==> flow/design.v <==
module la4 (
    input wire [3:0] a,
    input wire [3:0] b,
    input wire ci,
    output wire [3:0] s,
    output wire co
);
    wire [3:0] g = a & b;
    wire [3:0] p = a ^ b;
    wire c1 = g[0] | (p[0] & ci);
    wire c2 = g[1] | (p[1] & g[0]) | (p[1] & p[0] & ci);
    wire c3 = g[2] | (p[2] & g[1]) | (p[2] & p[1] & g[0]) | (p[2] & p[1] & p[0] & ci);
    assign co = g[3] | (p[3] & g[2]) | (p[3] & p[2] & g[1]) | (p[3] & p[2] & p[1] & g[0]) | (&p & ci);
    assign s = p ^ {c3, c2, c1, ci};
endmodule
module gen_add_blk #(
    parameter integer W = 80
) (
    input wire ck,
    input wire [W-1:0] dataa_in,
    input wire [W-1:0] datab_in,
    input wire cy_in_in,
    output reg [W-1:0] o_out,
    output reg carry_out_out
);
    reg [W-1:0] dataa_r;
    reg [W-1:0] datab_r;
    reg cy_in_r;
    always @(posedge ck) begin
        dataa_r <= dataa_in;
        datab_r <= datab_in;
        cy_in_r <= cy_in_in;
    end
    localparam SLICES = W / 4;
    wire [W-1:0] tmp;
    wire [SLICES:0] cy;
    assign cy[0] = cy_in_r;
    genvar i;
    generate
        for (i = 0; i < SLICES; i = i + 1) begin : row
            la4 inst (.a(dataa_r[4*i +: 4]), .b(datab_r[4*i +: 4]), .ci(cy[i]), .s(tmp[4*i +: 4]), .co(cy[i+1]));
        end
    endgenerate
    always @(posedge ck) begin
        o_out <= tmp;
        carry_out_out <= cy[SLICES];
    end
endmodule
# Reports on gen_add_blk

What the tools print for gen_add_blk, step after step.
Lines are those of the file above, counted from 1.
Cell names lack the library's common part.
Not given: --

Design top: gen_add_blk
Clock input: ck
Standard-cell library: sky130hd
Timing corner: tt_025C_1v80

# Word-level counts

Yosys after proc, flatten, opt, wreduce and memory -nomap, before mapping. Enables and synchronous resets that opt folds into registers are not counted as muxes. Memory bits, and registers merged into a memory's read port (data or address), are not among the register bits. Print and check cells are not counted. Equal cells are merged and count once.

Register bits after elaboration: 242
Latch bits: 0
Bits in writable memories: 0
Bits in read-only memories: 0
Clocked read ports x word width: 0
Memories kept: 0
Input bits: 162
Output and inout port bits: 81
Cells after elaboration: 585

Add/subtract/negate cells: 0
$mul: 0
Div/mod/pow operators: 0
$lt $le $gt $ge: 0
Equal/unequal tests: 0
Shift-type cells: 0
Muxes and demuxes: 0
Bitwise logic cells: 560
Reduce/logical cells: 20

Operator list:

| operator            | number |
| 1-bit bitwise AND   | 300 |
| 1-bit bitwise OR    | 200 |
| 4-bit XOR           | 40 |
| 4-bit bitwise AND   | 20 |
| 4-bit AND reduction | 20 |

# Logic depth

Yosys ltp: most cells in a row. Word level: on the elaborated netlist, between registers, memories and ports. Mapped: between sequential cells and ports; inverters and the memories' decode and read muxes count.

Word-level depth: 45
ABC_AREA: 0
Gate-level depth with buffers: 13
Mapped depth without buffers: 13

# Mapped cells and area

Yosys stat after the flow's synthesis: flattened, memories mapped to cells. It holds for the ABC_AREA given above (unset counts as 0); a run with the other value may have another netlist.
The area totals of this step are shown rounded.

Standard cells after synthesis: 678
Synthesis area: 8,400 µm²
Sequential part of the area: 4,800 µm²
Flip-flops: 242
Buffers: 0

Cells by type:

| cell      | number | area in all (µm²) |
| dfxtp_1   | 242    | 4.84E+03 |
| ha_1      | 80     | 1,000.96 |
| fa_1      | 20     | 400.384 |
| a21oi_1   | 49     | 245.235 |
| xor2_1    | 27     | 236.477 |
| xnor2_1   | 26     | 227.718 |
| a21o_1    | 20     | 150.144 |
| o21ai_0   | 25     | 125.12 |
| nor2_1    | 26     | 97.594 |
| nand2_1   | 23     | 86.333 |
| inv_1     | 22     | 82.579 |
| nand4_1   | 12     | 75.072 |
| nor3_1    | 14     | 70.067 |
| a2111oi_2 | 3      | 45.043 |
| o21bai_1  | 6      | 45.043 |
| nand3_1   | 8      | 40.038 |
| a211oi_1  | 5      | 37.536 |
| nand2b_1  | 6      | 37.536 |

Other cell types: 39; their cells: 64.
By module: a second synthesis without flattening, with its own total; a netlist apart from the flattened one above.

Cells (unflattened synthesis): 582
Area (unflattened synthesis): 7,800 µm²

Each row is one instance without its submodules.

By module:

| module      | instances | cells | area (µm²) | seq. area (µm²) |
| gen_add_blk | 1         | 242   | 4,800      | 4,800 |
| la4         | 20        | 17    | 150        | 0.0 |

# Timing after synthesis

Path of least setup slack by OpenSTA after synthesis, without wires, with an ideal clock, recovery checks aside; 20% of the period is set as input and as output delay. Where synthesis merged equal registers, the netlist keeps one of their names.

Path kind: register to register
Start: reg dataa_r[0]
End: reg o_out[65]
Period: 3.64 ns
Setup time: 0.123 ns
Launch time at the first pin: 0.000 ns
Arrival: 2.787 ns
Data required time: 3.517 ns
Setup slack: 0.730 ns
Delay of the path: 2.910 ns
Driving pins on the path: 14
Path buffers: 0
Synthesis period reached: 2.91 ns

"delay of the path" is the arrival time less input delay plus setup time.
"driving pins on the path": output pins that drive a net of the path, with the launching flip-flop's if there is one; two outputs of one cell count as two.
"synthesis period reached" = period - worst setup slack (recovery checks aside). The figure is calculated, with input and output delays left at 20% of the set period.
Between the ends stands the longest chain of elaborated cells between them, by number of cells; it is not shown to be the way that was timed. Of several equally long chains one is given.
A line is the first line of the expression or statement that the cell stems from. Yosys adds cells for indexed reads and writes and turns some case tables into memories.

Cells stage by stage: dfxtp_1 -> ha_1 -> a211oi_2 -> nor2_1 -> a311oi_4 -> o31ai_1 -> a221oi_2 -> a21oi_1 -> nor2_2 -> o21ai_1 -> nand2b_1 -> nand2b_1 -> fa_1 -> xor2_1
Length of the longest elaborated chain: 37
Elaborated cells between the ends (all ways): 40
RTL lines with such cells: 5
Those cells by class: logic: 39; reduce/logical: 1

RTL lines, path after synthesis:

| what                          | line | RTL |
| start: declaration            | 26   | `reg [W-1:0] dataa_r;` |
| start: assignment             | 30   | `dataa_r <= dataa_in;` |
| 4-bit bitwise AND             | 8    | `wire [3:0] g = a & b;` |
| 1-bit bitwise AND             | 13   | `assign co = g[3] \| (p[3] & g[2]) \| (p[3] & p[2] & g[1]) \| (p[3] & p[2] & p[1] & g[0]) \| (&p & ci);` |
| 1-bit bitwise OR (2 in a row) | 13   |  |
| 1-bit bitwise AND             | 13   |  |
| 1-bit bitwise OR              | 13   |  |
| 1-bit bitwise AND             | 13   |  |
| 1-bit bitwise OR              | 13   |  |
| [... 22 more ...]             | --   |  |
| 1-bit bitwise AND             | 13   |  |
| 1-bit bitwise OR              | 13   |  |
| 1-bit bitwise AND             | 13   |  |
| 1-bit bitwise OR              | 13   |  |
| 1-bit bitwise AND             | 10   | `wire c1 = g[0] \| (p[0] & ci);` |
| 1-bit bitwise OR              | 10   |  |
| 4-bit XOR                     | 14   | `assign s = p ^ {c3, c2, c1, ci};` |
| end: assignment               | 45   | `o_out <= tmp;` |
| end: declaration              | 23   | `output reg [W-1:0] o_out,` |

# Timing after layout

Path of least setup slack in the final report of record 2 (OpenROAD, finished layout, wires in). Where an end is a register, its clock arrival counts in the times.

Path kind: register to register
Start: reg dataa_r[0]
End: reg o_out[69]
Period: 3.64 ns
Setup time: 0.11 ns
Launch time at the first pin: 0.53 ns
Arrival: 3.76 ns
Data required time: 4.05 ns
Setup slack: 0.29 ns
Driving pins on the path: 12
Path buffers: 0

Between the ends stands the longest chain of elaborated cells between them, by number of cells; it is not shown to be the way that was timed. Of several equally long chains one is given.

Cells stage by stage: dfxtp_1 -> ha_1 -> a211oi_2 -> nor2_1 -> a311oi_4 -> o31ai_1 -> a221oi_2 -> a21oi_1 -> o21ai_0 -> nand3b_1 -> fa_1 -> xor2_1
Length of the longest elaborated chain: 39
Elaborated cells between the ends (all ways): 42
RTL lines with such cells: 5
Those cells by class: logic: 41; reduce/logical: 1

RTL lines, path post-layout:

| what                          | line | RTL |
| start: declaration            | 26   | `reg [W-1:0] dataa_r;` |
| start: assignment             | 30   | `dataa_r <= dataa_in;` |
| 4-bit bitwise AND             | 8    | `wire [3:0] g = a & b;` |
| 1-bit bitwise AND             | 13   | `assign co = g[3] \| (p[3] & g[2]) \| (p[3] & p[2] & g[1]) \| (p[3] & p[2] & p[1] & g[0]) \| (&p & ci);` |
| 1-bit bitwise OR (2 in a row) | 13   |  |
| 1-bit bitwise AND             | 13   |  |
| 1-bit bitwise OR              | 13   |  |
| 1-bit bitwise AND             | 13   |  |
| 1-bit bitwise OR              | 13   |  |
| [... 24 more ...]             | --   |  |
| 1-bit bitwise AND             | 13   |  |
| 1-bit bitwise OR              | 13   |  |
| 1-bit bitwise AND             | 13   |  |
| 1-bit bitwise OR              | 13   |  |
| 1-bit bitwise AND             | 10   | `wire c1 = g[0] \| (p[0] & ci);` |
| 1-bit bitwise OR              | 10   |  |
| 4-bit XOR                     | 14   | `assign s = p ^ {c3, c2, c1, ci};` |
| end: assignment               | 45   | `o_out <= tmp;` |
| end: declaration              | 23   | `output reg [W-1:0] o_out,` |

Subject: gen_add_blk on sky130hd, stored results

Hello all,

Below are 3 stored runs of the flow (Yosys, OpenROAD; platform sky130hd) on gen_add_blk, each with its settings and what was measured, unordered. Constraints: input delay and output delay 20% of the set period each, output load 0.01 pF.
By "achieved period" is meant the clock period of the run minus its worst setup slack. This is arithmetic on one report: input and output delays are still those of the set period (20% each).
"critical path time" = time allowed to the worst setup path (clock period - input delay - output delay, where it has them) - its slack; a late launch clock adds to it, a late capture clock takes from it.
"overall power": no workload was simulated; the value follows from the tool's default switching activity.
Results are given in rounded form.
A setting shown as . is not set for that run.
Among the results, . means that no value is shown for the run.

| setting or result                            | record 1 | record 2             | record 3             |
| period_ns                                    | 3.04     | 3.64                 | 4.25                 |
| CORE_UTILIZATION                             | 61       | 40                   | 43                   |
| SETUP_SLACK_MARGIN                           | -0.11    | .                    | .                    |
| PLACE_DENSITY                                | 0.78     | .                    | .                    |
| CORE_ASPECT_RATIO                            | 1.6      | .                    | .                    |
| CELL_PAD_IN_SITES_GLOBAL_PLACEMENT           | 1        | .                    | 1                    |
| TNS_END_PERCENT                              | 10       | .                    | .                    |
| GPL_ROUTABILITY_DRIVEN                       | 0        | .                    | 1                    |
| CTS_CLUSTER_DIAMETER                         | 288      | .                    | .                    |
| CAP_MARGIN                                   | 40       | 20                   | 0                    |
| SLEW_MARGIN                                  | 10       | 20                   | 40                   |
| MIN_ROUTING_LAYER                            | met1     | .                    | .                    |
| CORE_MARGIN                                  | 2        | 2                    | 2                    |
| ABC_AREA                                     | .        | .                    | 1                    |
| GPL_TIMING_DRIVEN                            | .        | .                    | 0                    |
| CTS_CLUSTER_SIZE                             | .        | .                    | 37                   |
| achieved period (ns)                         | .        | 3.354                | 3.941                |
| utilization after layout (%)                 | .        | 58                   | 63                   |
| critical path time (ns)                      | .        | 3.35                 | 3.94                 |
| worst path kind                              | .        | register to register | register to register |
| setup slack of the critical path (ns)        | .        | 0.29                 | 0.31                 |
| final worst hold slack (ns)                  | .        | 0.54                 | 0.54                 |
| area of the synthesized netlist (µm²)        | .        | 8,400                | 8,100                |
| die outline area (µm²)                       | .        | 22,000               | 20,000               |
| standard-cell area of the final layout (µm²) | .        | 12,000               | 12,000               |
| total negative slack (ns)                    | .        | 0.000                | 0.000                |
| overall power (uW)                           | .        | 7,000                | 5,700                |

Record 1: no final report: placement broke off with GPL-0301

Thanks
